==> flow/design.v <==
module core_plus_blk #(
  parameter integer WIDTH = 8,
  parameter integer COUNT = 4,
  parameter integer OW = WIDTH + $clog2(COUNT)
) (
  input  wire clk,
  input  wire nrst,
  input  wire enable,
  input  wire [COUNT*WIDTH-1:0] src,
  output wire [OW-1:0] s
);
  reg [COUNT*WIDTH-1:0] r_src;
  always @(posedge clk or negedge nrst) begin
    if (!nrst) begin
      r_src <= 0;
    end else if (enable) begin
      r_src <= src;
    end
  end
  wire [OW-1:0] n_ [1:2*COUNT-1];
  genvar k;
  generate
    for (k = 0; k < COUNT; k = k + 1) begin : u_g
      assign n_[COUNT+k] = r_src[k*WIDTH +: WIDTH];
    end
    for (k = 1; k < COUNT; k = k + 1) begin : slice
      assign n_[k] = n_[2*k] + n_[2*k+1];
    end
  endgenerate
  assign s = n_[1];
endmodule
# [Tool chain data of core_plus_blk]
# What the tools print for core_plus_blk, step after step.
# Line numbers count from 1 in the design file above.
# Operators: Yosys type, input widths -> output width; for muxes data width and select width s.
# The mark - stands for no value.
[design] top_module="core_plus_blk" clock_port="clk" lib="sky130hd" corner="tt_025C_1v80"

# [After elaboration]
# Counts by Yosys on the flattened word-level netlist (proc, flatten, opt, wreduce). Print and check cells are left out. Cells with the same type and inputs are merged into one.
[bits] regBits=32 latchBits=0 ram_bits=0 rom_bits=0 clocked_rd_ports_x_width=0 n_memories=0 input_bits=35 wordCells=4
[op_classes] n_addsub=3 multipliers=0 n_div=0 cmp=0 equal=0 shift=0 muxes=0 bitwise=0 reduce_logical=0
[ops] operator="$add 8x8->9" n=2
[ops] operator="$add 10x10->10" n=1

# [Depth]
# Depth = most cells in a row (Yosys ltp): at word level without a register or memory, in the mapped netlist without a sequential cell, where the memories' decode and read muxes count.
[logic_depth] ltp_word=2 abc_area=0 depth_mapped=14

# [After synthesis]
# Source: synth_stat.txt of the flow (Yosys; design flattened, memories mapped). It holds for the ABC_AREA given above (unset counts as 0); a run with the other value may have another netlist.
# The area totals of this step are shown rounded.
[synth_totals] cells=191 yosys_area_um2=2130 sequential_area_um2=801 ffs=32 buf_cells=4
[by_type] type="sky130_fd_sc_hd__dfrtp_1" n=32 type_area_um2=800.768
[by_type] type="sky130_fd_sc_hd__mux2_2" n=30 type_area_um2=337.824
[by_type] type="sky130_fd_sc_hd__ha_1" n=25 type_area_um2=312.8
[by_type] type="sky130_fd_sc_hd__xnor2_1" n=13 type_area_um2=113.859
[by_type] type="sky130_fd_sc_hd__fa_1" n=3 type_area_um2=60.058
[by_type] type="sky130_fd_sc_hd__o21ai_0" n=11 type_area_um2=55.053
[by_type] type="sky130_fd_sc_hd__a21oi_1" n=10 type_area_um2=50.048
[by_type] type="sky130_fd_sc_hd__inv_1" n=12 type_area_um2=45.043
[by_type] type="sky130_fd_sc_hd__a21o_1" n=5 type_area_um2=37.536
[by_type] type="sky130_fd_sc_hd__xor2_1" n=4 type_area_um2=35.034
[by_type] type="sky130_fd_sc_hd__nor2b_1" n=5 type_area_um2=31.28
[by_type] type="sky130_fd_sc_hd__nand2_1" n=7 type_area_um2=26.275
[by_type] type="sky130_fd_sc_hd__nor2_1" n=7 type_area_um2=26.275
[by_type] type="sky130_fd_sc_hd__a221o_1" n=2 type_area_um2=20.019
[by_type] type="sky130_fd_sc_hd__a31oi_1" n=3 type_area_um2=18.768
[by_type] type="sky130_fd_sc_hd__a221oi_2" n=1 type_area_um2=15.014
[by_type] type="sky130_fd_sc_hd__buf_2" n=3 type_area_um2=15.014
[by_type] type="sky130_fd_sc_hd__a211oi_2" n=1 type_area_um2=12.512
# Not listed: further types 16, cells in them 17.

# [Timing after synthesis]
# Source: OpenSTA report_checks on the synthesized netlist (no wires, ideal clock, input and output delay 20% of the period each), path of least setup slack; recovery checks are left aside. Register names are those of the netlist, which keeps one name where synthesis merged equal registers.
[synth_timing] kind="register to output" from="register r_src[0]" to="output s[8]" tclk_ps=4330 out_delay_ps=866 arrival_ps=2772 t_required_ps=3464 path_slack_ps=692 path_delay_ps=2772 stages=12 path_buffers=0 period_less_setup_slack_ps=3638
# "path_delay_ps" = arrival - input delay + setup time.
# At an output port there is no setup time.
# "stages" counts driving pins, that of a launching flip-flop among them; a cell with two outputs on the path counts twice.
# "period_less_setup_slack_ps" is the clock period less the worst setup slack; recovery checks do not enter. This is arithmetic on one report: input and output delays are still those of the set period (20% each).
# The rows between start and end are the longest chain of elaborated cells between them; the timing report does not say that the signal goes this way. Where chains are equally long, one stands for them.
# A line is the first line of the expression or statement that the cell stems from. Yosys adds cells for indexed reads and writes and turns some case tables into memories.
[synth_via] path_cell_list="sky130_fd_sc_hd__dfrtp_1 > sky130_fd_sc_hd__ha_1 > sky130_fd_sc_hd__fa_1 > sky130_fd_sc_hd__a21oi_1 > sky130_fd_sc_hd__nor2b_1 > sky130_fd_sc_hd__a311oi_1 > sky130_fd_sc_hd__xnor2_1 > sky130_fd_sc_hd__ha_1 > sky130_fd_sc_hd__a21o_1 > sky130_fd_sc_hd__a221o_1 > sky130_fd_sc_hd__a31oi_1 > sky130_fd_sc_hd__xnor2_1" elab_chain_cells=2 cone_cells=2 lines_between=1 classes_between="add/sub: 2"
[synth_rtl] element="start, declared" line_no=12 source="reg [COUNT*WIDTH-1:0] r_src;"
[synth_rtl] element="start, assigned" line_no=15 source="r_src <= 0;"
[synth_rtl] element="start, assigned" line_no=17 source="r_src <= src;"
[synth_rtl] element="$add 8x8->9" line_no=27 source="assign n_[k] = n_[2*k] + n_[2*k+1];"
[synth_rtl] element="$add 10x10->10" line_no=27
[synth_rtl] element="end, declared" line_no=10 source="output wire [OW-1:0] s"

# [Path in the finished layout]
# From the final timing report of flow run 2: the path of least setup slack in the routed layout; clock arrival at registers is part of the times.
# The path's times are printed in steps of 10 ps; the period is the one set.
[layout_timing] kind="register to output" from="register r_src[25]" to="output s[8]" tclk_ps=4260 out_delay_ps=850 arrival_ps=3160 t_required_ps=3410 path_slack_ps=250 stages=13 path_buffers=1
# The rows between start and end are the longest chain of elaborated cells between them; the timing report does not say that the signal goes this way. Where chains are equally long, one stands for them.
[layout_via] path_cell_list="sky130_fd_sc_hd__dfrtp_1 > sky130_fd_sc_hd__ha_1 > sky130_fd_sc_hd__a211oi_2 > sky130_fd_sc_hd__nor2_1 > sky130_fd_sc_hd__a221o_1 > sky130_fd_sc_hd__a21oi_2 > sky130_fd_sc_hd__xnor2_2 > sky130_fd_sc_hd__ha_1 > sky130_fd_sc_hd__and3_4 > sky130_fd_sc_hd__a221o_1 > sky130_fd_sc_hd__a31oi_1 > sky130_fd_sc_hd__xnor2_1 > sky130_fd_sc_hd__buf_2" elab_chain_cells=2 cone_cells=2 lines_between=1 classes_between="add/sub: 2"
[layout_rtl] element="start, declared" line_no=12 source="reg [COUNT*WIDTH-1:0] r_src;"
[layout_rtl] element="start, assigned" line_no=15 source="r_src <= 0;"
[layout_rtl] element="start, assigned" line_no=17 source="r_src <= src;"
[layout_rtl] element="$add 8x8->9" line_no=27 source="assign n_[k] = n_[2*k] + n_[2*k+1];"
[layout_rtl] element="$add 10x10->10" line_no=27
[layout_rtl] element="end, declared" line_no=10 source="output wire [OW-1:0] s"

# 3 stored runs of core_plus_blk in the flow (synthesis by Yosys, layout by OpenROAD, sky130hd cells), in arbitrary order. Constraints: input delay and output delay 20% of the set period each, output load 0.01 pF.
# "timing.achieved_period_ps" is the run's clock period less its worst setup slack. It is reckoned from that one timing run; input and output delays stay at 20% of the period that was set.
# "critical_path_time_ps" = time allowed to the worst setup path (clock period - input delay - output delay, where it has them) - its slack; a late launch clock adds to it, a late capture clock takes from it.
# By "power_total_mw" is meant OpenSTA's value without simulated activity: inputs other than the clock are taken to toggle once in ten clock periods, and the tool carries that through the logic.
# "critical_path_time_ps" is given in steps of 10 ps.
# Results are given in rounded form.
run="flow run 1" settings period_ns=4.53 CORE_UTILIZATION=62 SETUP_SLACK_MARGIN=0.62 CORE_ASPECT_RATIO=1.23 CORE_MARGIN=3 CELL_PAD_IN_SITES_GLOBAL_PLACEMENT=3 ABC_AREA=0 GPL_ROUTABILITY_DRIVEN=0 CTS_CLUSTER_SIZE=27 SLEW_MARGIN=20 CAP_MARGIN=20
run="flow run 1" outcome="not finished: placement ended with error GPL-0301"
run="flow run 2" settings period_ns=4.26 CORE_UTILIZATION=28 SETUP_SLACK_MARGIN=0.74 PLACE_DENSITY_LB_ADDON=0.11 CORE_ASPECT_RATIO=0.53 CTS_CLUSTER_SIZE=16 CAP_MARGIN=20 CORE_MARGIN=2 SLEW_MARGIN=20
run="flow run 2" results final_setup_tns_ps=0 power_total_mw=1.76 yosys.chip_area_um2=2130 dieArea_um2=8350 fin_ws_ps=253 final_cell_area_um2=3060 hold_worst_slack_ps=513 critical_path_time_ps=3160 path_kind="register to output" timing.achieved_period_ps=4007 post_route_util_pct=41.1
run="flow run 3" settings period_ns=4.33 CAP_MARGIN=20 CORE_MARGIN=2 CORE_UTILIZATION=40 SLEW_MARGIN=20
run="flow run 3" results yosys.chip_area_um2=2130 critical_path_time_ps=3300 path_kind="register to output" dieArea_um2=5920 fin_ws_ps=169 hold_worst_slack_ps=507 post_route_util_pct=54.3 power_total_mw=1.49 final_cell_area_um2=2770 timing.achieved_period_ps=4161 final_setup_tns_ps=0
